==> flow/design.v <==
module alu_storage #(
    parameter ENTRIES = 48,
    parameter XLEN = 2,
    parameter ABITS = $clog2(ENTRIES)
) (
    input  wire core_clk,
    input  wire i_rst_n,
    input  wire [ABITS-1:0] address_in,
    input  wire wr_en_in,
    input  wire [XLEN-1:0] wdata_in,
    output reg [XLEN-1:0] read_data_out
);
    reg [ABITS-1:0] r_address;
    always @(posedge core_clk or negedge i_rst_n) begin
        if (!i_rst_n) begin
            r_address <= 0;
        end else begin
            r_address <= address_in;
        end
    end
    reg r_wr_en;
    always @(posedge core_clk or negedge i_rst_n) begin
        if (!i_rst_n) begin
            r_wr_en <= 1'b0;
        end else begin
            r_wr_en <= wr_en_in;
        end
    end
    reg [XLEN-1:0] r_wdata;
    always @(posedge core_clk or negedge i_rst_n) begin
        if (!i_rst_n) begin
            r_wdata <= 0;
        end else begin
            r_wdata <= wdata_in;
        end
    end
    reg [XLEN-1:0] bank [ENTRIES-1:0];
    always @(posedge core_clk)
        if (r_wr_en) bank[r_address] <= r_wdata;
    always @(posedge core_clk or negedge i_rst_n) begin
        if (!i_rst_n) begin
            read_data_out <= 0;
        end else begin
            read_data_out <= r_wr_en ? r_wdata : bank[r_address];
        end
    end
endmodule
Subject: tool reports on alu_storage

Hi,

Tool chain data of alu_storage --
Module alu_storage in several versions that differ in "XLEN"; each step lists the members. The file above is the member XLEN=2. Line numbers count from 1 in each member's own file. Library cell names are shortened. The mark - stands for no value.
Set-up: design top alu_storage, clock input core_clk, standard-cell library sky130hd, timing corner tt_025C_1v80

Members of the sweep --
New or changed lines of each further member against the RTL above, in its own file; lines it lacks are not shown.
New or changed lines:
- XLEN 12 | line 3 | parameter XLEN = 12,
- XLEN 16 | line 3 | parameter XLEN = 16,
- XLEN 20 | line 3 | parameter XLEN = 20,
- XLEN 32 | line 3 | parameter XLEN = 32,

Word-level counts --
Counts by Yosys on the flattened word-level netlist (proc, flatten, opt, wreduce; memories kept). Register bits leave out memories and registers merged into their read ports (data or address); mux counts leave out enables and synchronous resets folded into registers. Print and check cells are left out. Cells with the same type and inputs are merged into one. Yosys's memory passes give these memory sizes; they may raise the number of words (mostly to a power of two), join words into wider ones and drop unused or constant bits.
Bit counts:
- XLEN 2 | bits in writable memories 96, memories kept 1, output and inout port bits 2, bits in registers 9, clocked read ports x word width 2, elaborated cells 8, bits of input ports 11
- XLEN 12 | bits in writable memories 576, memories kept 1, output and inout port bits 12, bits in registers 19, clocked read ports x word width 12, elaborated cells 8, bits of input ports 21
- XLEN 16 | bits in writable memories 768, memories kept 1, output and inout port bits 16, bits in registers 23, clocked read ports x word width 16, elaborated cells 8, bits of input ports 25
- XLEN 20 | bits in writable memories 960, memories kept 1, output and inout port bits 20, bits in registers 27, clocked read ports x word width 20, elaborated cells 8, bits of input ports 29
- XLEN 32 | bits in writable memories 1536, memories kept 1, output and inout port bits 32, bits in registers 39, clocked read ports x word width 32, elaborated cells 8, bits of input ports 41
Memory list (words x width with read and write ports):
- XLEN 2 | bank 48x2 r1 w1
- XLEN 12 | bank 48x12 r1 w1
- XLEN 16 | bank 48x16 r1 w1
- XLEN 20 | bank 48x20 r1 w1
- XLEN 32 | bank 48x32 r1 w1
Cells by class:
- XLEN 2 | multiplexer cells 3, reductions and logical operators 1
- XLEN 12 | multiplexer cells 3, reductions and logical operators 1
- XLEN 16 | multiplexer cells 3, reductions and logical operators 1
- XLEN 20 | multiplexer cells 3, reductions and logical operators 1
- XLEN 32 | multiplexer cells 3, reductions and logical operators 1
Operator list (kinds with counts):
- XLEN 2 | 6-bit two-way mux: 1; 2-bit two-way mux: 1; 1-bit logical NOT: 1; 1-bit two-way mux: 1
- XLEN 12 | 12-bit two-way mux: 1; 6-bit two-way mux: 1; 1-bit logical NOT: 1; 1-bit two-way mux: 1
- XLEN 16 | 16-bit two-way mux: 1; 6-bit two-way mux: 1; 1-bit logical NOT: 1; 1-bit two-way mux: 1
- XLEN 20 | 20-bit two-way mux: 1; 6-bit two-way mux: 1; 1-bit logical NOT: 1; 1-bit two-way mux: 1
- XLEN 32 | 32-bit two-way mux: 1; 6-bit two-way mux: 1; 1-bit logical NOT: 1; 1-bit two-way mux: 1

Logic depth --
Yosys ltp: most cells in a row. Word level: on the elaborated netlist, between registers, memories and ports. Mapped: between sequential cells and ports; inverters and the memories' decode and read muxes count.
Logic depth:
- XLEN 2 | depth after elaboration 1, ABC_AREA 0, gate-level depth with buffers 9, depth with buffers taken out 5
- XLEN 12 | depth after elaboration 1, ABC_AREA 0, gate-level depth with buffers 9, depth with buffers taken out 5
- XLEN 16 | depth after elaboration 1, ABC_AREA 0, gate-level depth with buffers 10, depth with buffers taken out 5
- XLEN 20 | depth after elaboration 1, ABC_AREA 0, gate-level depth with buffers 11, depth with buffers taken out 6
- XLEN 32 | depth after elaboration 1, ABC_AREA 0, gate-level depth with buffers 11, depth with buffers taken out 6

Mapped cells and area --
Yosys stat after the flow's synthesis: flattened, memories mapped to cells. It holds for the ABC_AREA given above (unset counts as 0); a run with the other value may have another netlist. Totals and module areas in this step are rounded.
Cell types (types with counts):
- XLEN 2 | edfxtp_1: 96; dfrtp_1: 11; nor2_1: 51; mux4_2: 8; mux2i_1: 11; nand2_1: 16; mux4_1: 2; a211oi_1: 6; and3b_1: 4; buf_2: 7; buf_6: 3; mux2_1: 3; nand2b_1: 5; nand3_1: 6; nand3b_1: 4; nor3_1: 6; a221oi_1: 3; a31oi_1: 4; [+54]
- XLEN 12 | edfxtp_1: 576; mux4_2: 46; dfrtp_1: 31; mux2_2: 54; mux2i_1: 52; a221oi_1: 56; nor2_1: 75; a22oi_1: 34; nand2_1: 52; buf_2: 32; buf_4: 17; a21oi_1: 22; nor2b_1: 16; buf_6: 8; a221o_1: 8; clkbuf_1: 21; o21ai_0: 15; a32oi_1: 8; [+160]
- XLEN 16 | edfxtp_1: 768; dfrtp_1: 39; mux2i_1: 94; mux4_2: 41; mux2_2: 74; a221oi_1: 79; a22oi_1: 48; nor2_1: 80; buf_2: 53; nand2_1: 63; a221o_1: 21; a21oi_1: 41; o21ai_0: 35; o221ai_1: 18; a31oi_1: 21; o22ai_1: 21; clkbuf_1: 33; buf_4: 15; [+178]
- XLEN 20 | edfxtp_1: 960; a221oi_1: 149; dfrtp_1: 47; mux2i_1: 106; mux4_2: 41; mux2_2: 52; nor2_1: 115; a22oi_1: 56; mux2_1: 32; buf_2: 65; a21oi_1: 64; o21ai_0: 42; buf_4: 25; nand2_1: 50; o22ai_1: 28; clkbuf_1: 44; a221o_1: 16; o21ai_1: 25; [+216]
- XLEN 32 | edfxtp_1: 1536; mux2i_1: 221; a221oi_1: 219; dfrtp_1: 71; mux2_2: 106; mux4_2: 53; a22oi_1: 98; nor2_1: 182; a21oi_1: 117; o21ai_0: 84; buf_2: 81; o22ai_1: 58; buf_4: 44; clkbuf_1: 85; nand2_1: 81; a221o_1: 24; o221ai_1: 24; a22o_1: 18; [+268]
A list marked [+n] leaves out that many cells.
Synthesis totals:
- XLEN 2 | sequential part of the area 3160 um^2, mapped flip-flops 107, mapped area 4490 um^2, cell count 300, buffers 18
- XLEN 12 | sequential part of the area 18100 um^2, mapped flip-flops 607, mapped area 23500 um^2, cell count 1283, buffers 82
- XLEN 16 | sequential part of the area 24000 um^2, mapped flip-flops 807, mapped area 31100 um^2, cell count 1722, buffers 113
- XLEN 20 | sequential part of the area 30000 um^2, mapped flip-flops 1007, mapped area 38600 um^2, cell count 2133, buffers 152
- XLEN 32 | sequential part of the area 47900 um^2, mapped flip-flops 1607, mapped area 61200 um^2, cell count 3370, buffers 237

Path before layout --
OpenSTA on the mapped netlist: ideal clock, no wires. The path of least setup slack (recovery checks aside). Input and output delay are each 20% of the period. Register names are those of the netlist, which keeps one name where synthesis merged equal registers.
Path post-synthesis:
- XLEN 2 | path type register to register, from register r_address[2], to register read_data_out[1], clock period 2.35 ns, delay of the path 1.883 ns, stages on the path 8, setup slack 0.468 ns, synthesis period reached 1.882 ns
- XLEN 12 | path type register to register, from register r_address[2], to memory bank[40][0], clock period 2.94 ns, delay of the path 2.354 ns, stages on the path 8, setup slack 0.586 ns, synthesis period reached 2.354 ns
- XLEN 16 | path type register to register, from register r_address[2], to memory bank[32][0], clock period 3.26 ns, delay of the path 2.611 ns, stages on the path 8, setup slack 0.649 ns, synthesis period reached 2.611 ns
- XLEN 20 | path type register to register, from register r_address[2], to memory bank[34][0], clock period 3.94 ns, delay of the path 3.149 ns, stages on the path 8, setup slack 0.791 ns, synthesis period reached 3.149 ns
- XLEN 32 | path type register to register, from register r_address[2], to memory bank[0][0], clock period 4.26 ns, delay of the path 3.410 ns, stages on the path 8, setup slack 0.850 ns, synthesis period reached 3.41 ns
"delay of the path" is the arrival time less input delay plus setup time. "stages on the path": output pins that drive a net of the path, with the launching flip-flop's if there is one; two outputs of one cell count as two. "synthesis period reached" = period - worst setup slack (recovery checks aside). The figure is calculated, with input and output delays left at 20% of the set period. The rows between start and end are the longest chain of elaborated cells between them; the timing report does not say that the signal goes this way. Where chains are equally long, one stands for them. A line is the first line of the expression or statement that the cell stems from. Yosys adds cells for indexed reads and writes and turns some case tables into memories.
RTL lines, path post-synthesis, XLEN=2:
- start, declared | line 13 | reg [ABITS-1:0] r_address;
- start, assigned | line 16 | r_address <= 0;
- start, assigned | line 18 | r_address <= address_in;
- end, declared | line 11 | output reg [XLEN-1:0] read_data_out
XLEN=2: Chain of elaborated cells between the ends: none given.
Between the ends, post-synthesis, XLEN=32: length of the longest elaborated chain 1
RTL lines, path post-synthesis, XLEN=32:
- start, declared | line 13 | reg [ABITS-1:0] r_address;
- start, assigned | line 16 | r_address <= 0;
- start, assigned | line 18 | r_address <= address_in;
- 6-bit two-way mux | line 39 | if (r_wr_en) bank[r_address] <= r_wdata;
- end, declared | line 37 | reg [XLEN-1:0] bank [ENTRIES-1:0];

Worst path after layout --
Path of least setup slack in the final report of the run of each member (OpenROAD, finished layout, wires in). Where an end is a register, its clock arrival counts in the times.
Path post-layout:
- XLEN 2 | path type register to register, from register r_address[0], to register read_data_out[1], arrival 2.40 ns, stages on the path 8, setup slack 0.19 ns, clock period 2.35 ns
- XLEN 12 | path type register to register, from register r_address[1], to register read_data_out[2], arrival 3.39 ns, stages on the path 7, setup slack 0.08 ns, clock period 2.94 ns
- XLEN 16 | path type register to register, from register r_address[2], to register read_data_out[5], arrival 3.53 ns, stages on the path 9, setup slack 0.22 ns, clock period 3.26 ns
- XLEN 20 | path type register to register, from register r_address[2], to register read_data_out[0], arrival 4.03 ns, stages on the path 9, setup slack 0.38 ns, clock period 3.94 ns
- XLEN 32 | path type register to register, from register r_address[2], to register read_data_out[26], arrival 4.31 ns, stages on the path 8, setup slack 0.66 ns, clock period 4.26 ns

Layout results --
One run of the flow (Yosys, OpenROAD) for each member, with settings and measured results. Input and output delays are each 20% of the period that was set; the output load is 0.01 pF.
Flow settings: CAP_MARGIN 20, CORE_MARGIN 2, CORE_UTILIZATION 40, SLEW_MARGIN 20
Settings that differ (period_ns):
- XLEN 2 | 2.35
- XLEN 12 | 2.94
- XLEN 16 | 3.26
- XLEN 20 | 3.94
- XLEN 32 | 4.26
Final reports:
- XLEN 2 | netlist area reported by Yosys 4490 um^2, area of the standard cells in the finished layout 4960 um^2, utilization after routing 45.6%, area inside the die boundary 12100 um^2, achieved period 2.156 ns, overall power 3360 uW, worst setup slack after layout 0.194 ns, total negative slack on setup checks 0.000 ns
- XLEN 12 | netlist area reported by Yosys 23500 um^2, area of the standard cells in the finished layout 27600 um^2, utilization after routing 47.6%, area inside the die boundary 60800 um^2, achieved period 2.859 ns, overall power 18400 uW, worst setup slack after layout 0.081 ns, total negative slack on setup checks 0.000 ns
- XLEN 16 | netlist area reported by Yosys 31100 um^2, area of the standard cells in the finished layout 36300 um^2, utilization after routing 47.0%, area inside the die boundary 80100 um^2, achieved period 3.035 ns, overall power 22100 uW, worst setup slack after layout 0.225 ns, total negative slack on setup checks 0.000 ns
- XLEN 20 | netlist area reported by Yosys 38600 um^2, area of the standard cells in the finished layout 44700 um^2, utilization after routing 46.9%, area inside the die boundary 99000 um^2, achieved period 3.563 ns, overall power 22800 uW, worst setup slack after layout 0.377 ns, total negative slack on setup checks 0.000 ns
- XLEN 32 | netlist area reported by Yosys 61200 um^2, area of the standard cells in the finished layout 71200 um^2, utilization after routing 46.9%, area inside the die boundary 156000 um^2, achieved period 3.598 ns, overall power 33800 uW, worst setup slack after layout 0.662 ns, total negative slack on setup checks 0.000 ns
"achieved period" means the clock period less the worst setup slack. The figure is calculated, with input and output delays left at 20% of the set period. "overall power": no workload was simulated; the value follows from the tool's default switching activity. The measured numbers are rounded.

Regards
